==> flow/design.v <==
module gen_mul #(
    parameter NBITS = 22
) (
    input  logic CLK,
    input  logic nrst,
    input  logic signed [NBITS-1:0] lhs_i,
    input  logic signed [NBITS-1:0] rhs_i,
    output logic signed [2*NBITS-1:0] out_o
);
    logic signed [NBITS-1:0] r_lhs;
    always_ff @(posedge CLK) begin
        if (~nrst) begin
            r_lhs <= 0;
        end else begin
            r_lhs <= lhs_i;
        end
    end
    logic signed [NBITS-1:0] r_rhs;
    always_ff @(posedge CLK) begin
        if (~nrst) begin
            r_rhs <= 0;
        end else begin
            r_rhs <= rhs_i;
        end
    end
    assign out_o = r_lhs * r_rhs;
endmodule
# Step by step through the tools: gen_mul
# The steps from the RTL of gen_mul to its reports follow in flow order.
# Lines are those of the file above, counted from 1.
# Operators carry their Yosys type and port widths (W data, S select, Z words).
# Cell names lack the library's common part.
# The mark -- stands for no value.
[setup]
top_module = "gen_mul"
clk_port = "CLK"
cell_library = "sky130hd"
corner = "tt_025C_1v80"

# Word-level counts
# Source: Yosys, flattened and elaborated, memories not mapped. Widths are those after wreduce; folded enables and synchronous resets count as part of the registers. Registers that Yosys merges into a memory's read port (data or address) are not register bits. Print and check cells do not count. Equal cells are merged and count once.
[word_totals]
register_bits = 44
input_bits = 46
output_inout_bits = 44
[classes]
n_mul = 1
[op_table]
columns = ["cell", "count"]
rows = [
  ["$mul A22 B22 Y44", 1],
]

# Logic depth
# Yosys ltp: most cells in a row. Word level: on the elaborated netlist, between registers, memories and ports. Mapped: between sequential cells and ports; inverters and the memories' decode and read muxes count.
[depth]
word_depth = 1
ABC_AREA = 0
ltp_mapped = 26

# Synthesis result
# The flow's flattened synthesis, as Yosys stat reports it; memories are mapped. The netlist is that of the ABC_AREA named above (0 if unset); the other value can give another one.
# Totals and module areas in this step are rounded.
[by_type]
columns = ["cell", "count"]
rows = [
  ["fa_1", 501],
  ["inv_1", 558],
  ["ha_1", 135],
  ["and2_1", 238],
  ["nand2_1", 285],
  ["dfxtp_1", 44],
  ["clkbuf_1", 91],
  ["xnor2_1", 36],
  ["a21oi_1", 35],
  ["nor2_1", 36],
  ["a21o_1", 17],
  ["xor2_1", 13],
  ["o21ai_0", 17],
  ["a211oi_2", 4],
  ["nand2b_1", 8],
  ["o21bai_1", 6],
  ["o21ai_1", 8],
  ["nand3_1", 7],
]
# Other cell types: 38; their cells: 61.
[mapped]
mapped_cells = 2100
mapped_area_um2 = 19300
flip_flops = 44
buffers = 93

# Path before layout
# OpenSTA on the mapped netlist: ideal clock, no wires. The path of least setup slack (recovery checks aside). Input and output delay are each 20% of the period. Register names are those of the netlist, which keeps one name where synthesis merged equal registers.
[synth_path]
kind = "reg-to-output"
start = "register r_lhs[21]"
end = "output port out_o[43]"
tclk_ps = 10200
out_delay_ps = 2040
launch_ps = 0
t_arrival_ps = 6534
required_time_ps = 8160
setup_slack_ps = 1626
delay_ps = 6534
stages = 25
n_path_buf = 1
period_less_setup_slack_ps = 8574
# "delay_ps" is the arrival time less input delay plus setup time.
# A path that ends at an output port has no setup time.
# "stages" counts driving pins, that of a launching flip-flop among them; a cell with two outputs on the path counts twice.
# "period_less_setup_slack_ps" = period - worst setup slack (recovery checks aside). The figure is calculated, with input and output delays left at 20% of the set period.
# Between the ends stands the longest chain of elaborated cells between them, by number of cells; it is not shown to be the way that was timed. Of several equally long chains one is given.
# Each line given opens the expression or statement behind the cell; cells for indexed reads and writes are added by Yosys, which also makes memories of some case tables.
[synth_between]
path_cell_list = "dfxtp_1 clkbuf_1 and2_1 fa_1 inv_1 fa_1 inv_1 fa_1 inv_1 fa_1 inv_1 fa_1 inv_1 fa_1 fa_1 inv_1 ha_1 a21o_1 a21o_1 a21o_1 a21o_1 a21o_1 nor3_1 a21oi_1 xnor2_1"
elab_chain_len = 1
cone_cells = 1
cone_lines = 1
classes_between = "mul (1)"
[synth_lines]
columns = ["item", "line", "text"]
rows = [
  ["start, declared", 10, "logic signed [NBITS-1:0] r_lhs;"],
  ["start, assigned", 13, "r_lhs <= 0;"],
  ["start, assigned", 15, "r_lhs <= lhs_i;"],
  ["$mul A22 B22 Y44", 26, "assign out_o = r_lhs * r_rhs;"],
  ["end, declared", 8, "output logic signed [2*NBITS-1:0] out_o"],
]

# Worst path after layout
# From the final timing report of stored run 1: the path of least setup slack in the routed layout; clock arrival at registers is part of the times.
# The report prints the path's times to 10 ps; the period is as set.
[layout_path]
kind = "reg-to-output"
start = "register r_rhs[21]"
end = "output port out_o[43]"
tclk_ps = 15800
out_delay_ps = 3160
launch_ps = 300
t_arrival_ps = 8400
required_time_ps = 12640
setup_slack_ps = 4240
stages = 22
n_path_buf = 1
# Between the ends stands the longest chain of elaborated cells between them, by number of cells; it is not shown to be the way that was timed. Of several equally long chains one is given.
[layout_between]
path_cell_list = "dfxtp_1 inv_1 nor2_1 fa_1 fa_1 fa_1 fa_1 fa_1 fa_1 inv_1 fa_1 inv_1 ha_1 inv_1 nor3_1 nand4_1 nor2_1 o211a_1 o21ai_0 a21oi_1 xnor2_1 clkdlybuf4s50_1"
elab_chain_len = 1
cone_cells = 1
cone_lines = 1
classes_between = "mul (1)"
[layout_lines]
columns = ["item", "line", "text"]
rows = [
  ["start, declared", 18, "logic signed [NBITS-1:0] r_rhs;"],
  ["start, assigned", 21, "r_rhs <= 0;"],
  ["start, assigned", 23, "r_rhs <= rhs_i;"],
  ["$mul A22 B22 Y44", 26, "assign out_o = r_lhs * r_rhs;"],
  ["end, declared", 8, "output logic signed [2*NBITS-1:0] out_o"],
]

# Design gen_mul on sky130hd. What follows are 2 stored runs of the flow, each under its own settings; their order means nothing. The constraints put input and output delay at 20% of the set period each and load the outputs with 0.01 pF.
# By "timing.achieved_period_ps" is meant the clock period of the run minus its worst setup slack. This is arithmetic on one report: input and output delays are still those of the set period (20% each).
# "critical_path_time_ps": the worst setup path's part of the clock period (all of it between registers, 20% less for each end at a port) less its slack. A launch clock that arrives late makes it longer, a capture clock that arrives late makes it shorter.
# "design_power_mw": no workload was simulated; the value follows from the tool's default switching activity.
# "critical_path_time_ps" is known to 10 ps.
# Values from the reports are rounded here.

[[run]]
name = "stored run 1"
[run.settings]
period_ns = 15.8
CORE_UTILIZATION = 39
SETUP_SLACK_MARGIN = -0.56
PLACE_DENSITY_LB_ADDON = 0.25
CORE_ASPECT_RATIO = 1.05
CELL_PAD_IN_SITES_GLOBAL_PLACEMENT = 2
TNS_END_PERCENT = 40
GPL_TIMING_DRIVEN = 1
CTS_CLUSTER_SIZE = 69
CTS_CLUSTER_DIAMETER = 178
CAP_MARGIN = 35
SLEW_MARGIN = 25
MIN_ROUTING_LAYER = "met1"
MAX_ROUTING_LAYER = "met5"
CORE_MARGIN = 2
[run.results]
timing.achieved_period_ps = 11561
fin_tns_ps = 0
holdWs_ps = 3400
fin_util_pct = 43.3
critical_path_time_ps = 8400
worst_path_kind = "reg-to-output"
fin_ws_ps = 4240
synth_chip_area_um2 = 19300
design_power_mw = 2.93
final_cell_area_um2 = 21100
total_die_area_um2 = 51200

[[run]]
name = "stored run 2"
[run.settings]
period_ns = 10.2
CAP_MARGIN = 20
CORE_MARGIN = 2
CORE_UTILIZATION = 40
SLEW_MARGIN = 20
[run.results]
timing.achieved_period_ps = 9787
fin_tns_ps = 0
holdWs_ps = 2290
fin_util_pct = 44.5
critical_path_time_ps = 7750
worst_path_kind = "reg-to-output"
fin_ws_ps = 413
synth_chip_area_um2 = 19300
design_power_mw = 4.57
final_cell_area_um2 = 21200
total_die_area_um2 = 49900
